==> flow/design.v <==
module core_ram_block #(
    parameter NREGS = 8,
    parameter BITS = 16,
    parameter RP = 4,
    parameter WPORTS = 6,
    parameter ADDR_W = $clog2(NREGS)
) (
    input  wire ck,
    input  wire [WPORTS-1:0] wen,
    input  wire [WPORTS*ADDR_W-1:0] wsel,
    input  wire [WPORTS*BITS-1:0] write_data,
    input  wire [RP*ADDR_W-1:0] rd_idx,
    output wire [RP*BITS-1:0] q
);
    reg [BITS-1:0] ram [NREGS-1:0];
    integer n;
    always @(posedge ck) begin
        for (n = 0; n < WPORTS; n = n + 1)
            if (wen[n]) ram[wsel[n*ADDR_W +: ADDR_W]] <= write_data[n*BITS +: BITS];
    end
    wire [RP*BITS-1:0] work;
    genvar m;
    generate
        for (m = 0; m < RP; m = m + 1) begin : slice
            assign work[m*BITS +: BITS] = ram[rd_idx[m*ADDR_W +: ADDR_W]];
        end
    endgenerate
    assign q = work;
endmodule
# Step by step through the tools: core_ram_block
# The steps from the RTL of core_ram_block to its reports follow in flow order.
# Line numbers count from 1 in the design file above.
# Operators: Yosys type, input widths -> output width; for muxes data width and select width s.
# Cell names lack the library's common part.
# The mark -- stands for no value.
[setup] design="core_ram_block" clock="ck" cell_library="sky130hd" lib_corner="tt_025C_1v80"

# Word level
# Counts by Yosys on the flattened word-level netlist (proc, flatten, opt, wreduce; memories kept). Register bits leave out memories and registers merged into their read ports (data or address); mux counts leave out enables and synchronous resets folded into registers. Print and check cells are left out. Cells with the same type and inputs are merged into one.
# Yosys's memory passes give these memory sizes; they may raise the number of words (mostly to a power of two), join words into wider ones and drop unused or constant bits.
[bits] ff_bits=0 mem_bits_rw=128 memories=1 input_bits=133 output_inout_bits=64 elab_cells=19
[mem_list] memory="ram" words=8 width=16 read_ports=4 wr=6 line=15 rtl="reg [BITS-1:0] ram [NREGS-1:0];"
[classes] n_mux=18
[op_table] op="$mux 16" count=6
[op_table] op="$mux 3" count=6
[op_table] op="$mux 1" count=6

# Logic depth
# Longest topological path by Yosys (ltp), each cell counted once; first at word level (registers and memories cut), then after technology mapping (sequential cells cut; the memories' decode and read muxes count).
[depth] word_depth=1 ABC_AREA=0 mapped_depth=7 ltp_nobuf=4

# Mapped cells and area
# Yosys stat after the flow's synthesis: flattened, memories mapped to cells. It holds for the ABC_AREA given above (unset counts as 0); a run with the other value may have another netlist.
[by_type] cell_type="edfxtp_1" count=128 area_total_um2=3.84E+03
[by_type] cell_type="mux4_2" count=128 area_total_um2=2.88E+03
[by_type] cell_type="nand2_1" count=274 area_total_um2=1.03E+03
[by_type] cell_type="mux2_2" count=71 area_total_um2=799.517
[by_type] cell_type="o22ai_1" count=121 area_total_um2=756.976
[by_type] cell_type="o31ai_1" count=93 area_total_um2=698.17
[by_type] cell_type="and3_1" count=73 area_total_um2=456.688
[by_type] cell_type="clkbuf_1" count=102 area_total_um2=382.867
[by_type] cell_type="o21ai_0" count=76 area_total_um2=380.365
[by_type] cell_type="mux2i_1" count=31 area_total_um2=310.298
[by_type] cell_type="buf_2" count=41 area_total_um2=205.197
[by_type] cell_type="and2_1" count=32 area_total_um2=200.192
[by_type] cell_type="o21ai_1" count=33 area_total_um2=165.158
[by_type] cell_type="a2111oi_0" count=17 area_total_um2=148.893
[by_type] cell_type="o41ai_1" count=17 area_total_um2=148.893
[by_type] cell_type="nor2b_1" count=21 area_total_um2=131.376
[by_type] cell_type="and4b_1" count=13 area_total_um2=130.125
[by_type] cell_type="o31ai_2" count=10 area_total_um2=125.12
# Not listed: further types 38, cells in them 201.
[synth_totals] mapped_cells=1482 synth_area_um2=14226.1 seq_area_um2=3843.7 ff_cells=128 buffers=202

# Path before layout
# Path of least setup slack by OpenSTA after synthesis, without wires, with an ideal clock, recovery checks aside; 20% of the period is set as input and as output delay. Where synthesis merged equal registers, the netlist keeps one of their names.
[synth_path] path_kind="input-to-output" from="in rd_idx[0]" to="out q[0]" tclk_ns=2.84 input_delay_ns=0.568 output_delay_ns=0.568 t_first_pin_ns=0.568 arrival_time_ns=1.898 t_required_ns=2.272 slack_ns=0.374 path_delay_ns=1.330 driving_pins=4 n_path_buf=2 synth_period_reached_ns=2.466
# "path_delay_ns" is the arrival time less input delay plus setup time.
# A path that ends at an output port has no setup time.
# "driving_pins": output pins that drive a net of the path, with the launching flip-flop's if there is one; two outputs of one cell count as two.
# "synth_period_reached_ns" = period - worst setup slack (recovery checks aside). The figure is calculated, with input and output delays left at 20% of the set period.
# The rows between start and end are the longest chain of elaborated cells between them; the timing report does not say that the signal goes this way. Where chains are equally long, one stands for them.
# A line is the first line of the expression or statement that the cell stems from. Yosys adds cells for indexed reads and writes and turns some case tables into memories.
# The chain passes a memory read, where the word-level depth is cut; so it can be longer than that depth.
[synth_between] cell_sequence="clkbuf_1 > buf_2 > mux4_2 > mux2_2" elab_chain_len=1 cells_between=1 cone_lines=1 classes_between="memory: 1"
[synth_lines] element="start, declared" line=12 rtl="input  wire [RP*ADDR_W-1:0] rd_idx,"
[synth_lines] element="$mem_v2 8x16" line=15 rtl="reg [BITS-1:0] ram [NREGS-1:0];"
[synth_lines] element="end, declared" line=13 rtl="output wire [RP*BITS-1:0] q"

# Worst path after layout
# From the final timing report of stored run 1: the path of least setup slack in the routed layout; clock arrival at registers is part of the times.
[layout_path] path_kind="reg-to-output" from="mem ram[2][14]" to="out q[62]" tclk_ns=1.97 output_delay_ns=0.39 t_first_pin_ns=0.45 arrival_time_ns=2.07 t_required_ns=1.58 slack_ns=-0.49 driving_pins=5 n_path_buf=2
# The rows between start and end are the longest chain of elaborated cells between them; the timing report does not say that the signal goes this way. Where chains are equally long, one stands for them.
# The chain passes a memory read, where the word-level depth is cut; so it can be longer than that depth.
[layout_between] cell_sequence="edfxtp_1 > buf_4 > mux4_2 > mux2_4 > buf_6" elab_chain_len=1 cells_between=1 cone_lines=1 classes_between="memory: 1"
[layout_lines] element="start, declared" line=15 rtl="reg [BITS-1:0] ram [NREGS-1:0];"
[layout_lines] element="$mem_v2 8x16" line=15
[layout_lines] element="end, declared" line=13 rtl="output wire [RP*BITS-1:0] q"

Subject: core_ram_block on sky130hd, stored results

Hello all,

Top module core_ram_block; platform sky130hd; tools Yosys and OpenROAD; 3 stored runs in no particular order. Input and output delays are each 20% of the period that was set; the output load is 0.01 pF.
"achieved_period_ns": clock period set for the run, less the worst setup slack. It is reckoned from that one timing run; input and output delays stay at 20% of the period that was set.
"worstPathTime_ns" means the part of the period allowed to the worst setup path (the constraints hold back 20% at inputs and 20% at outputs) less its slack; where the path has registers, the arrival times of their clocks count too.
By "power_total_uw" is meant OpenSTA's value without simulated activity: inputs other than the clock are taken to toggle once in ten clock periods, and the tool carries that through the logic.

[flow] stored run 1: files
==> flow/run.sh <==
#!/bin/bash
# the make line also repeats the synthesis and layout settings of config.mk as NAME=value (left out here)
make -C /OpenROAD-flow-scripts/flow DESIGN_CONFIG=/design/flow/config.mk WORK_HOME=/design/flow/orfs CLKGATE_MAP_FILE= finish
==> flow/config.mk <==
export PLATFORM = sky130hd
export DESIGN_NAME = core_ram_block
export DESIGN_NICKNAME = core_ram_block
export VERILOG_FILES = /design/flow/design.v
export SDC_FILE = /design/flow/constraint.sdc
export NUM_CORES = 4
export LEC_CHECK = 0
export CAP_MARGIN = 20
export CELL_PAD_IN_SITES_DETAIL_PLACEMENT = 0
export CELL_PAD_IN_SITES_GLOBAL_PLACEMENT = 1
export CORE_MARGIN = 2
export CORE_UTILIZATION = 19
export CTS_CLUSTER_SIZE = 28
export PLACE_DENSITY_LB_ADDON = 0.06
export SETUP_SLACK_MARGIN = 0.36
export SLEW_MARGIN = 20
export TNS_END_PERCENT = 75
==> flow/constraint.sdc <==
create_clock -name core_clock -period 1.97 [get_ports {ck}]
set_input_delay 0.3940 -clock core_clock [delete_from_list [all_inputs] [get_ports {ck}]]
set_output_delay 0.3940 -clock core_clock [all_outputs]
set_load 0.01 [all_outputs]

[flow] stored run 1: metrics
[metrics] power_total_uw = 14484
[metrics] worstPathTime_ns = 2.07
[metrics] timing.worst_path_kind = reg-to-output
[metrics] total_die_area_um2 = 77078.4
[metrics] post_route_stdcell_area_um2 = 27148.5
[metrics] fin_hold_ws_ns = 0.804
[metrics] setupTns_ns = -22.634
[metrics] synthArea_um2 = 14226.1
[metrics] achieved_period_ns = 2.459
[metrics] timing.setup.ws_ns = -0.489

[flow] stored run 2: files
==> flow/run.sh <==
#!/bin/bash
# the make line also repeats the synthesis and layout settings of config.mk as NAME=value (left out here)
make -C /OpenROAD-flow-scripts/flow DESIGN_CONFIG=/design/flow/config.mk WORK_HOME=/design/flow/orfs CLKGATE_MAP_FILE= finish
==> flow/config.mk <==
export PLATFORM = sky130hd
export DESIGN_NAME = core_ram_block
export DESIGN_NICKNAME = core_ram_block
export VERILOG_FILES = /design/flow/design.v
export SDC_FILE = /design/flow/constraint.sdc
export NUM_CORES = 4
export LEC_CHECK = 0
export CAP_MARGIN = 20
export CELL_PAD_IN_SITES_DETAIL_PLACEMENT = 0
export CELL_PAD_IN_SITES_GLOBAL_PLACEMENT = 3
export CORE_MARGIN = 6
export CORE_UTILIZATION = 35
export CTS_CLUSTER_SIZE = 100
export GPL_TIMING_DRIVEN = 1
export MAX_ROUTING_LAYER = met5
export PLACE_DENSITY_LB_ADDON = 0.09
export SLEW_MARGIN = 20
==> flow/constraint.sdc <==
create_clock -name core_clock -period 2.48 [get_ports {ck}]
set_input_delay 0.4960 -clock core_clock [delete_from_list [all_inputs] [get_ports {ck}]]
set_output_delay 0.4960 -clock core_clock [all_outputs]
set_load 0.01 [all_outputs]

[flow] stored run 2: metrics
[metrics] power_total_uw = 10082
[metrics] worstPathTime_ns = 2.02
[metrics] timing.worst_path_kind = reg-to-output
[metrics] total_die_area_um2 = 45629.2
[metrics] post_route_stdcell_area_um2 = 20011.7
[metrics] fin_hold_ws_ns = 0.907
[metrics] setupTns_ns = -0.041
[metrics] synthArea_um2 = 14226.1
[metrics] achieved_period_ns = 2.513
[metrics] timing.setup.ws_ns = -0.033

[flow] stored run 3: files
==> flow/run.sh <==
#!/bin/bash
# the make line also repeats the synthesis and layout settings of config.mk as NAME=value (left out here)
make -C /OpenROAD-flow-scripts/flow DESIGN_CONFIG=/design/flow/config.mk WORK_HOME=/design/flow/orfs CLKGATE_MAP_FILE= finish
==> flow/config.mk <==
export PLATFORM = sky130hd
export DESIGN_NAME = core_ram_block
export DESIGN_NICKNAME = core_ram_block
export VERILOG_FILES = /design/flow/design.v
export SDC_FILE = /design/flow/constraint.sdc
export NUM_CORES = 4
export LEC_CHECK = 0
export CAP_MARGIN = 20
export CORE_MARGIN = 2
export CORE_UTILIZATION = 40
export SLEW_MARGIN = 20
==> flow/constraint.sdc <==
create_clock -name core_clock -period 2.84 [get_ports {ck}]
set_input_delay 0.5680 -clock core_clock [delete_from_list [all_inputs] [get_ports {ck}]]
set_output_delay 0.5680 -clock core_clock [all_outputs]
set_load 0.01 [all_outputs]

[flow] stored run 3: metrics
[metrics] power_total_uw = 8316
[metrics] worstPathTime_ns = 1.68
[metrics] timing.worst_path_kind = input-to-output
[metrics] total_die_area_um2 = 37089.0
[metrics] post_route_stdcell_area_um2 = 19062.0
[metrics] fin_hold_ws_ns = 1.054
[metrics] setupTns_ns = 0.000
[metrics] synthArea_um2 = 14226.1
[metrics] achieved_period_ns = 2.813
[metrics] timing.setup.ws_ns = 0.027

Thanks
